==> flow/design.v <==
module dp_mplex_rtl #(
    parameter integer DW = 12,
    parameter integer COUNT = 6,
    parameter integer SEL_WIDTH = $clog2(COUNT)
) (
    input  logic ck,
    input  logic rst_n,
    input  logic [COUNT*DW-1:0] ch,
    input  logic [SEL_WIDTH-1:0] choose,
    output logic [DW-1:0] result
);
    logic [COUNT*DW-1:0] ch_r;
    logic [SEL_WIDTH-1:0] choose_r;
    always_ff @(posedge ck or negedge rst_n) begin
        if (~rst_n) begin
            ch_r <= '0;
            choose_r <= '0;
        end else begin
            ch_r <= ch;
            choose_r <= choose;
        end
    end
    wire [DW-1:0] lanes [0:COUNT-1];
    generate
        for (genvar i = 0; i < COUNT; i++) begin : blk
            assign lanes[i] = ch_r[i*DW +: DW];
        end
    endgenerate
    always_ff @(posedge ck or negedge rst_n) begin
        if (~rst_n) begin
            result <= '0;
        end else begin
            result <= lanes[choose_r];
        end
    end
endmodule
== Step by step through the tools: dp_mplex_rtl ==
Tool output for the design above, in the order of the flow.
Lines are those of the file above, counted from 1.
A cell with n/a has no value.
Design
  top module: dp_mplex_rtl
  clock: ck
  cell library: sky130hd
  corner: tt_025C_1v80

== After elaboration ==
Yosys after proc, flatten, opt, wreduce and memory -nomap, before mapping. Enables and synchronous resets that opt folds into registers are not counted as muxes. Print and check cells are not counted. Equal cells are merged and count once.
Operators by class
  equality and inequality tests: 5
  mux-type cells: 1
  reductions and logical operators: 1
Operators with widths (number)
  12-bit case mux with 6-bit select: 1
  3-bit by 2-bit equality test with 1-bit output with constant B: 2
  3-bit equality test with constant B: 2
  3-bit by 1-bit equality test with 1-bit output with constant B: 1
  3-bit zero test: 1
Word-level totals
  flip-flop bits (word level): 87
  input port bits: 77
  output and inout port bits: 12
  word-level cells: 10

== Longest topological paths ==
Longest topological path by Yosys (ltp), each cell counted once; first at word level (registers and memories cut), then after technology mapping (sequential cells cut; the memories' decode and read muxes count).
Logic depth
  word-level depth: 2
  ABC_AREA: 0
  depth in mapped cells: 6
  mapped depth without buffers: 4

== After synthesis ==
The flow's flattened synthesis, as Yosys stat reports it; memories are mapped. The netlist is that of the ABC_AREA named above (0 if unset); the other value can give another one.
The area totals of this step are shown rounded.
Mapped netlist
  cell count: 194
  cell area after synthesis: 0.00287 mm²
  sequential area: 0.002177 mm²
  mapped flip-flops: 87
  buffers: 9
Cells by type
  sky130_fd_sc_hd__dfrtp_1: number 87, total area 2.18E+03 µm²
  sky130_fd_sc_hd__a21oi_1: number 13, total area 65.062 µm²
  sky130_fd_sc_hd__a21o_1: number 8, total area 60.058 µm²
  sky130_fd_sc_hd__mux2_2: number 5, total area 56.304 µm²
  sky130_fd_sc_hd__nor2_1: number 12, total area 45.043 µm²
  sky130_fd_sc_hd__nor2b_1: number 6, total area 37.536 µm²
  sky130_fd_sc_hd__nor3b_1: number 5, total area 37.536 µm²
  sky130_fd_sc_hd__a32oi_1: number 4, total area 35.034 µm²
  sky130_fd_sc_hd__o2bb2ai_1: number 4, total area 35.034 µm²
  sky130_fd_sc_hd__a31oi_1: number 5, total area 31.28 µm²
  sky130_fd_sc_hd__a222oi_1: number 3, total area 30.029 µm²
  sky130_fd_sc_hd__o21bai_1: number 4, total area 30.029 µm²
  sky130_fd_sc_hd__o21ai_0: number 5, total area 25.024 µm²
  sky130_fd_sc_hd__a22oi_1: number 3, total area 22.522 µm²
  sky130_fd_sc_hd__buf_4: number 3, total area 22.522 µm²
  sky130_fd_sc_hd__o21a_1: number 3, total area 22.522 µm²
  sky130_fd_sc_hd__or2b_1: number 3, total area 22.522 µm²
  sky130_fd_sc_hd__buf_2: number 4, total area 20.019 µm²
Other cell types: 10; their cells: 17.

== Timing after synthesis ==
Source: OpenSTA report_checks on the synthesized netlist (no wires, ideal clock, input and output delay 20% of the period each), path of least setup slack; recovery checks are left aside. Register names are those of the netlist, which keeps one name where synthesis merged equal registers.
Timing path after synthesis
  path type: register to register
  start point: reg (name not given)
  end point: reg result[11]
  period: 1.61 ns
  setup time: 0.119 ns
  time at the first pin: 0.000 ns
  arrival: 1.172 ns
  data required time: 1.491 ns
  path slack: 0.319 ns
  delay of the path: 1.291 ns
  stages on the path: 6
  path buffers: 1
  synthesis period reached: 1.291 ns
"delay of the path" is the arrival time less input delay plus setup time.
"stages on the path": output pins that drive a net of the path, with the launching flip-flop's if there is one; two outputs of one cell count as two.
"synthesis period reached" = period - worst setup slack (recovery checks aside). The figure is calculated, with input and output delays left at 20% of the set period.
Between the ends stands the longest chain of elaborated cells between them, by number of cells; it is not shown to be the way that was timed. Of several equally long chains one is given.
Each line given opens the expression or statement behind the cell; cells for indexed reads and writes are added by Yosys, which also makes memories of some case tables.
Between the ends, after synthesis
  cell sequence: sky130_fd_sc_hd__dfrtp_1 -> sky130_fd_sc_hd__buf_6 -> sky130_fd_sc_hd__and2_4 -> sky130_fd_sc_hd__a222oi_1 -> sky130_fd_sc_hd__o21ai_1 -> sky130_fd_sc_hd__o21a_1
  length of the longest elaborated chain: 2
  elaborated cells between the ends (all ways): 7
  RTL lines with such cells: 1
  those cells by class: 5 x eq/ne; 1 x mux; 1 x reduce/logical
RTL lines, path after synthesis
  start: declaration: line 13
  start: assignment: line 17
  start: assignment: line 20
  3-bit equality test: line 33
  12-bit case mux with 6-bit select: line 33
  end: assignment: line 31  | result <= '0;
  end: assignment: line 33
  end: declaration: line 10  | output logic [DW-1:0] result

== Worst path after layout ==
Path of least setup slack in the final report of run B (OpenROAD, finished layout, wires in). Where an end is a register, its clock arrival counts in the times.
Timing path post-layout
  path type: register to output
  start point: reg result[6]
  end point: out result[6]
  period: 2.33 ns
  output delay: 0.47 ns
  time at the first pin: 0.33 ns
  arrival: 1.22 ns
  data required time: 1.86 ns
  path slack: 0.65 ns
  stages on the path: 2
  path buffers: 1
Between the ends, post-layout
  cell sequence: sky130_fd_sc_hd__dfrtp_1 -> sky130_fd_sc_hd__clkdlybuf4s50_1
  length of the longest elaborated chain: 0
  elaborated cells between the ends (all ways): 0
  RTL lines with such cells: 0
RTL lines, path post-layout
  start: declaration: line 10  | output logic [DW-1:0] result
  start: assignment: line 31  | result <= '0;
  start: assignment: line 33
  end: declaration: line 10

Subject: flow runs of dp_mplex_rtl

Hi,

Design dp_mplex_rtl on sky130hd. What follows are 3 stored runs of the flow, each under its own settings; their order means nothing. The constraints put input and output delay at 20% of the set period each and load the outputs with 0.01 pF.
"achieved clock period": clock period set for the run, less the worst setup slack. It is reckoned from that one timing run; input and output delays stay at 20% of the period that was set.
By "worst setup path time" is meant the share of the clock period that the worst setup path is allowed (20% is reserved at inputs, 20% at outputs), minus its slack. Clock arrival times at its registers enter into it.
By "power" is meant OpenSTA's value without simulated activity: inputs other than the clock are taken to toggle once in ten clock periods, and the tool carries that through the logic.
The measured numbers are rounded.

Run A
==> flow/run.sh <==
#!/bin/bash
# the make line also repeats the synthesis and layout settings of config.mk as NAME=value (left out here)
make -C /OpenROAD-flow-scripts/flow DESIGN_CONFIG=/design/flow/config.mk WORK_HOME=/design/flow/orfs CLKGATE_MAP_FILE= finish
==> flow/config.mk <==
export PLATFORM = sky130hd
export DESIGN_NAME = dp_mplex_rtl
export DESIGN_NICKNAME = dp_mplex_rtl
export VERILOG_FILES = /design/flow/design.v
export SDC_FILE = /design/flow/constraint.sdc
export NUM_CORES = 4
export LEC_CHECK = 0
export CAP_MARGIN = 20
export CELL_PAD_IN_SITES_DETAIL_PLACEMENT = 0
export CORE_ASPECT_RATIO = 0.52
export CORE_MARGIN = 4
export CORE_UTILIZATION = 67
export CTS_CLUSTER_DIAMETER = 351
export GPL_ROUTABILITY_DRIVEN = 0
export GPL_TIMING_DRIVEN = 0
export MIN_ROUTING_LAYER = met1
export PLACE_DENSITY = 0.89
export SETUP_SLACK_MARGIN = 0.28
export SLEW_MARGIN = 20
export TNS_END_PERCENT = 45
==> flow/constraint.sdc <==
create_clock -name core_clock -period 1.9 [get_ports {ck}]
set_input_delay 0.3800 -clock core_clock [delete_from_list [all_inputs] [get_ports {ck}]]
set_output_delay 0.3800 -clock core_clock [all_outputs]
set_load 0.01 [all_outputs]

==> results of run A <==
did not finish, clock tree synthesis stopped with DPL-0038

Run B
==> flow/run.sh <==
#!/bin/bash
# the make line also repeats the synthesis and layout settings of config.mk as NAME=value (left out here)
make -C /OpenROAD-flow-scripts/flow DESIGN_CONFIG=/design/flow/config.mk WORK_HOME=/design/flow/orfs CLKGATE_MAP_FILE= finish
==> flow/config.mk <==
export PLATFORM = sky130hd
export DESIGN_NAME = dp_mplex_rtl
export DESIGN_NICKNAME = dp_mplex_rtl
export VERILOG_FILES = /design/flow/design.v
export SDC_FILE = /design/flow/constraint.sdc
export NUM_CORES = 4
export LEC_CHECK = 0
export CAP_MARGIN = 5
export CELL_PAD_IN_SITES_DETAIL_PLACEMENT = 2
export CORE_MARGIN = 2
export CORE_UTILIZATION = 25
export CTS_CLUSTER_DIAMETER = 204
export SETUP_SLACK_MARGIN = 0.41
export SLEW_MARGIN = 20
export TNS_END_PERCENT = 50
==> flow/constraint.sdc <==
create_clock -name core_clock -period 2.33 [get_ports {ck}]
set_input_delay 0.4660 -clock core_clock [delete_from_list [all_inputs] [get_ports {ck}]]
set_output_delay 0.4660 -clock core_clock [all_outputs]
set_load 0.01 [all_outputs]

==> results of run B <==
chip area after synthesis (Yosys): 0.00287 mm²
die area: 0.01235 mm²
standard-cell area of the final layout: 0.004209 mm²
utilization: 37.2 %
worst setup slack after layout: 0.647 ns
total negative slack: 0.000 ns
power: 3360 uW
achieved clock period: 1.683 ns
worst setup path time: 1.22 ns
worst setup path kind: register to output

Run C
==> flow/run.sh <==
#!/bin/bash
# the make line also repeats the synthesis and layout settings of config.mk as NAME=value (left out here)
make -C /OpenROAD-flow-scripts/flow DESIGN_CONFIG=/design/flow/config.mk WORK_HOME=/design/flow/orfs CLKGATE_MAP_FILE= finish
==> flow/config.mk <==
export PLATFORM = sky130hd
export DESIGN_NAME = dp_mplex_rtl
export DESIGN_NICKNAME = dp_mplex_rtl
export VERILOG_FILES = /design/flow/design.v
export SDC_FILE = /design/flow/constraint.sdc
export NUM_CORES = 4
export LEC_CHECK = 0
export CAP_MARGIN = 20
export CORE_MARGIN = 2
export CORE_UTILIZATION = 40
export SLEW_MARGIN = 20
==> flow/constraint.sdc <==
create_clock -name core_clock -period 1.61 [get_ports {ck}]
set_input_delay 0.3220 -clock core_clock [delete_from_list [all_inputs] [get_ports {ck}]]
set_output_delay 0.3220 -clock core_clock [all_outputs]
set_load 0.01 [all_outputs]

==> results of run C <==
chip area after synthesis (Yosys): 0.00287 mm²
die area: 0.007869 mm²
standard-cell area of the final layout: 0.004139 mm²
utilization: 60.3 %
worst setup slack after layout: 0.041 ns
total negative slack: 0.000 ns
power: 4403 uW
achieved clock period: 1.569 ns
worst setup path time: 1.25 ns
worst setup path kind: register to output

Regards
